==> flow/design.v <==
module dp_mux_mod #(
  parameter integer WD = 4,
  parameter integer N_IN = 8,
  parameter integer SEL_WIDTH = $clog2(N_IN)
) (
  input  logic core_clk,
  input  logic rst_ni,
  input  logic [N_IN*WD-1:0] i_ch,
  input  logic [SEL_WIDTH-1:0] i_choose,
  output logic [WD-1:0] o_result
);
  logic [N_IN*WD-1:0] ch_s;
  logic [SEL_WIDTH-1:0] choose_s;
  assign o_result = ch_s[choose_s*WD +: WD];
  always_ff @(posedge core_clk or negedge rst_ni) begin
    if (!rst_ni) begin
      ch_s <= '0;
      choose_s <= '0;
    end else begin
      ch_s <= i_ch;
      choose_s <= i_choose;
    end
  end
endmodule
---- Step by step through the tools: dp_mux_mod ----
What the tools print for dp_mux_mod, step after step.
Line numbers count from 1 in the design file above.
Cell names lack the library's common part.
A cell with - has no value.
design
  top module .............................. dp_mux_mod
  clock input ............................. core_clk
  standard-cell library ................... sky130hd
  corner .................................. tt_025C_1v80

---- After elaboration ----
Source: Yosys, flattened and elaborated, memories not mapped. Widths are those after wreduce; folded enables and synchronous resets count as part of the registers. Registers that Yosys merges into a memory's read port (data or address) are not register bits. Print and check cells do not count. Equal cells are merged and count once.
cells by class
  shift-type cells ........................ 1
operator list
  operator                                                number
  32-bit by 6-bit variable part select with 4-bit output  1
word-level totals
  flip-flop bits (word level) ............. 35
  bits of input ports ..................... 37
  output and inout bits ................... 4

---- Logic depth ----
Depth = most cells in a row (Yosys ltp): at word level without a register or memory, in the mapped netlist without a sequential cell, where the memories' decode and read muxes count.
logic depth
  depth in word-level cells ............... 1
  ABC_AREA ................................ 0
  gate-level depth with buffers ........... 3

---- Synthesis result ----
Source: synth_stat.txt of the flow (Yosys; design flattened, memories mapped). It holds for the ABC_AREA given above (unset counts as 0); a run with the other value may have another netlist.
cell types
  type      number  total area (um2)
  dfrtp_1   35      875.84
  mux4_1    8       210.202
  mux2_2    4       45.043
  buf_6     1       11.261
  clkbuf_1  1       3.754
synthesis totals
  cell count .............................. 49
  cell area after synthesis ............... 1146.1 um2
  mapped flip-flops ....................... 35

---- Worst setup path after synthesis ----
Source: OpenSTA report_checks on the synthesized netlist (no wires, ideal clock, input and output delay 20% of the period each), path of least setup slack; recovery checks are left aside. Register names are those of the netlist, which keeps one name where synthesis merged equal registers.
timing after synthesis
  kind .................................... flip-flop to output port
  start point ............................. reg (name not given)
  end point ............................... out o_result[0]
  clock period ............................ 1.99 ns
  arrival ................................. 1.271 ns
  data required time ...................... 1.592 ns
  path slack .............................. 0.321 ns
  delay of the path ....................... 1.271 ns
  driving pins on the path ................ 4
  path buffers ............................ 1
  period reached after synthesis .......... 1.669 ns
"delay of the path" is the arrival time less input delay plus setup time.
A path that ends at an output port has no setup time.
"driving pins on the path" counts driving pins, that of a launching flip-flop among them; a cell with two outputs on the path counts twice.
"period reached after synthesis" = period - worst setup slack (recovery checks aside). The figure is calculated, with input and output delays left at 20% of the set period.
The rows between start and end are the longest chain of elaborated cells between them; the timing report does not say that the signal goes this way. Where chains are equally long, one stands for them.
A line is the first line of the expression or statement that the cell stems from. Yosys adds cells for indexed reads and writes and turns some case tables into memories.
on the way, after synthesis
  path through ............................ dfrtp_1 buf_6 mux4_1 mux2_2
  length of the longest elaborated chain .. 1
ends and longest elaborated chain, after synthesis
  element                                                 line  RTL
  from (decl)                                             13
  from (assign)                                           18
  from (assign)                                           21
  32-bit by 6-bit variable part select with 4-bit output  14
  to (decl)                                               10    output logic [WD-1:0] o_result

---- Timing after layout ----
Path of least setup slack in the final report of run 1 (OpenROAD, finished layout, wires in). Where an end is a register, its clock arrival counts in the times.
timing after layout
  kind .................................... flip-flop to output port
  start point ............................. reg (name not given)
  end point ............................... out o_result[0]
  clock period ............................ 1.99 ns
  arrival ................................. 1.74 ns
  data required time ...................... 1.59 ns
  path slack .............................. -0.14 ns
  driving pins on the path ................ 5
  path buffers ............................ 2
The rows between start and end are the longest chain of elaborated cells between them; the timing report does not say that the signal goes this way. Where chains are equally long, one stands for them.
on the way, after layout
  path through ............................ dfrtp_1 buf_6 mux4_2 mux2_4 buf_6
  length of the longest elaborated chain .. 1
ends and longest elaborated chain, after layout
  element                                                 line  RTL
  from (decl)                                             13
  from (assign)                                           18
  from (assign)                                           21
  32-bit by 6-bit variable part select with 4-bit output  14
  to (decl)                                               10    output logic [WD-1:0] o_result

Add stored flow runs of dp_mux_mod

Top module dp_mux_mod; platform sky130hd; tools Yosys and OpenROAD; 3 stored runs in no particular order. Input and output delays are each 20% of the period that was set; the output load is 0.01 pF.
"achieved clock period (ns)" = clock period - worst setup slack. The figure is calculated, with input and output delays left at 20% of the set period.
"worst setup path time (ns)" means the part of the period allowed to the worst setup path (the constraints hold back 20% at inputs and 20% at outputs) less its slack; where the path has registers, the arrival times of their clocks count too.
"finish__power__total": no workload was simulated; the value follows from the tool's default switching activity.

Flow files of run 1
==> flow/run.sh <==
#!/bin/bash
# the make line also repeats the synthesis and layout settings of config.mk as NAME=value (left out here)
make -C /OpenROAD-flow-scripts/flow DESIGN_CONFIG=/design/flow/config.mk WORK_HOME=/design/flow/orfs CLKGATE_MAP_FILE= finish
==> flow/config.mk <==
export PLATFORM = sky130hd
export DESIGN_NAME = dp_mux_mod
export DESIGN_NICKNAME = dp_mux_mod
export VERILOG_FILES = /design/flow/design.v
export SDC_FILE = /design/flow/constraint.sdc
export NUM_CORES = 4
export LEC_CHECK = 0
export CAP_MARGIN = 20
export CORE_MARGIN = 2
export CORE_UTILIZATION = 40
export SLEW_MARGIN = 20
==> flow/constraint.sdc <==
create_clock -name core_clock -period 1.99 [get_ports {core_clk}]
set_input_delay 0.3980 -clock core_clock [delete_from_list [all_inputs] [get_ports {core_clk}]]
set_output_delay 0.3980 -clock core_clock [all_outputs]
set_load 0.01 [all_outputs]

report of run 1
yosys chip area after synthesis (um^2): 1146.1
finish__design__die__area: 3309.7
finish__design__instance__area__stdcell: 1659.1
finish__timing__setup__ws: -0.144
finish__timing__hold__ws: 0.476
finish__power__total: 1.342e-03
achieved clock period (ns): 2.134
worst setup path time (ns): 1.74
worst setup path kind: flip-flop to output port

Flow files of run 2
==> flow/run.sh <==
#!/bin/bash
# the make line also repeats the synthesis and layout settings of config.mk as NAME=value (left out here)
make -C /OpenROAD-flow-scripts/flow DESIGN_CONFIG=/design/flow/config.mk WORK_HOME=/design/flow/orfs CLKGATE_MAP_FILE= finish
==> flow/config.mk <==
export PLATFORM = sky130hd
export DESIGN_NAME = dp_mux_mod
export DESIGN_NICKNAME = dp_mux_mod
export VERILOG_FILES = /design/flow/design.v
export SDC_FILE = /design/flow/constraint.sdc
export NUM_CORES = 4
export LEC_CHECK = 0
export ABC_AREA = 0
export CAP_MARGIN = 20
export CORE_ASPECT_RATIO = 1.28
export CORE_MARGIN = 2
export CORE_UTILIZATION = 69
export CTS_CLUSTER_SIZE = 98
export GPL_TIMING_DRIVEN = 0
export SETUP_SLACK_MARGIN = 0.41
export SLEW_MARGIN = 20
export TNS_END_PERCENT = 85
==> flow/constraint.sdc <==
create_clock -name core_clock -period 2.72 [get_ports {core_clk}]
set_input_delay 0.5440 -clock core_clock [delete_from_list [all_inputs] [get_ports {core_clk}]]
set_output_delay 0.5440 -clock core_clock [all_outputs]
set_load 0.01 [all_outputs]

report of run 2: did not finish, place, GPL-0301

Flow files of run 3
==> flow/run.sh <==
#!/bin/bash
# the make line also repeats the synthesis and layout settings of config.mk as NAME=value (left out here)
make -C /OpenROAD-flow-scripts/flow DESIGN_CONFIG=/design/flow/config.mk WORK_HOME=/design/flow/orfs CLKGATE_MAP_FILE= finish
==> flow/config.mk <==
export PLATFORM = sky130hd
export DESIGN_NAME = dp_mux_mod
export DESIGN_NICKNAME = dp_mux_mod
export VERILOG_FILES = /design/flow/design.v
export SDC_FILE = /design/flow/constraint.sdc
export NUM_CORES = 4
export LEC_CHECK = 0
export ABC_AREA = 1
export CAP_MARGIN = 20
export CORE_MARGIN = 2
export CORE_UTILIZATION = 28
export CTS_CLUSTER_DIAMETER = 111
export MIN_ROUTING_LAYER = met2
export PLACE_DENSITY_LB_ADDON = 0.07
export SETUP_SLACK_MARGIN = 0.02
export SLEW_MARGIN = 20
==> flow/constraint.sdc <==
create_clock -name core_clock -period 1.68 [get_ports {core_clk}]
set_input_delay 0.3360 -clock core_clock [delete_from_list [all_inputs] [get_ports {core_clk}]]
set_output_delay 0.3360 -clock core_clock [all_outputs]
set_load 0.01 [all_outputs]

report of run 3
yosys chip area after synthesis (um^2): 1338.8
finish__design__die__area: 5350.2
finish__design__instance__area__stdcell: 2143.3
finish__timing__setup__ws: -0.087
finish__timing__hold__ws: 0.460
finish__power__total: 2.071e-03
achieved clock period (ns): 1.767
worst setup path time (ns): 1.43
worst setup path kind: flip-flop to output port
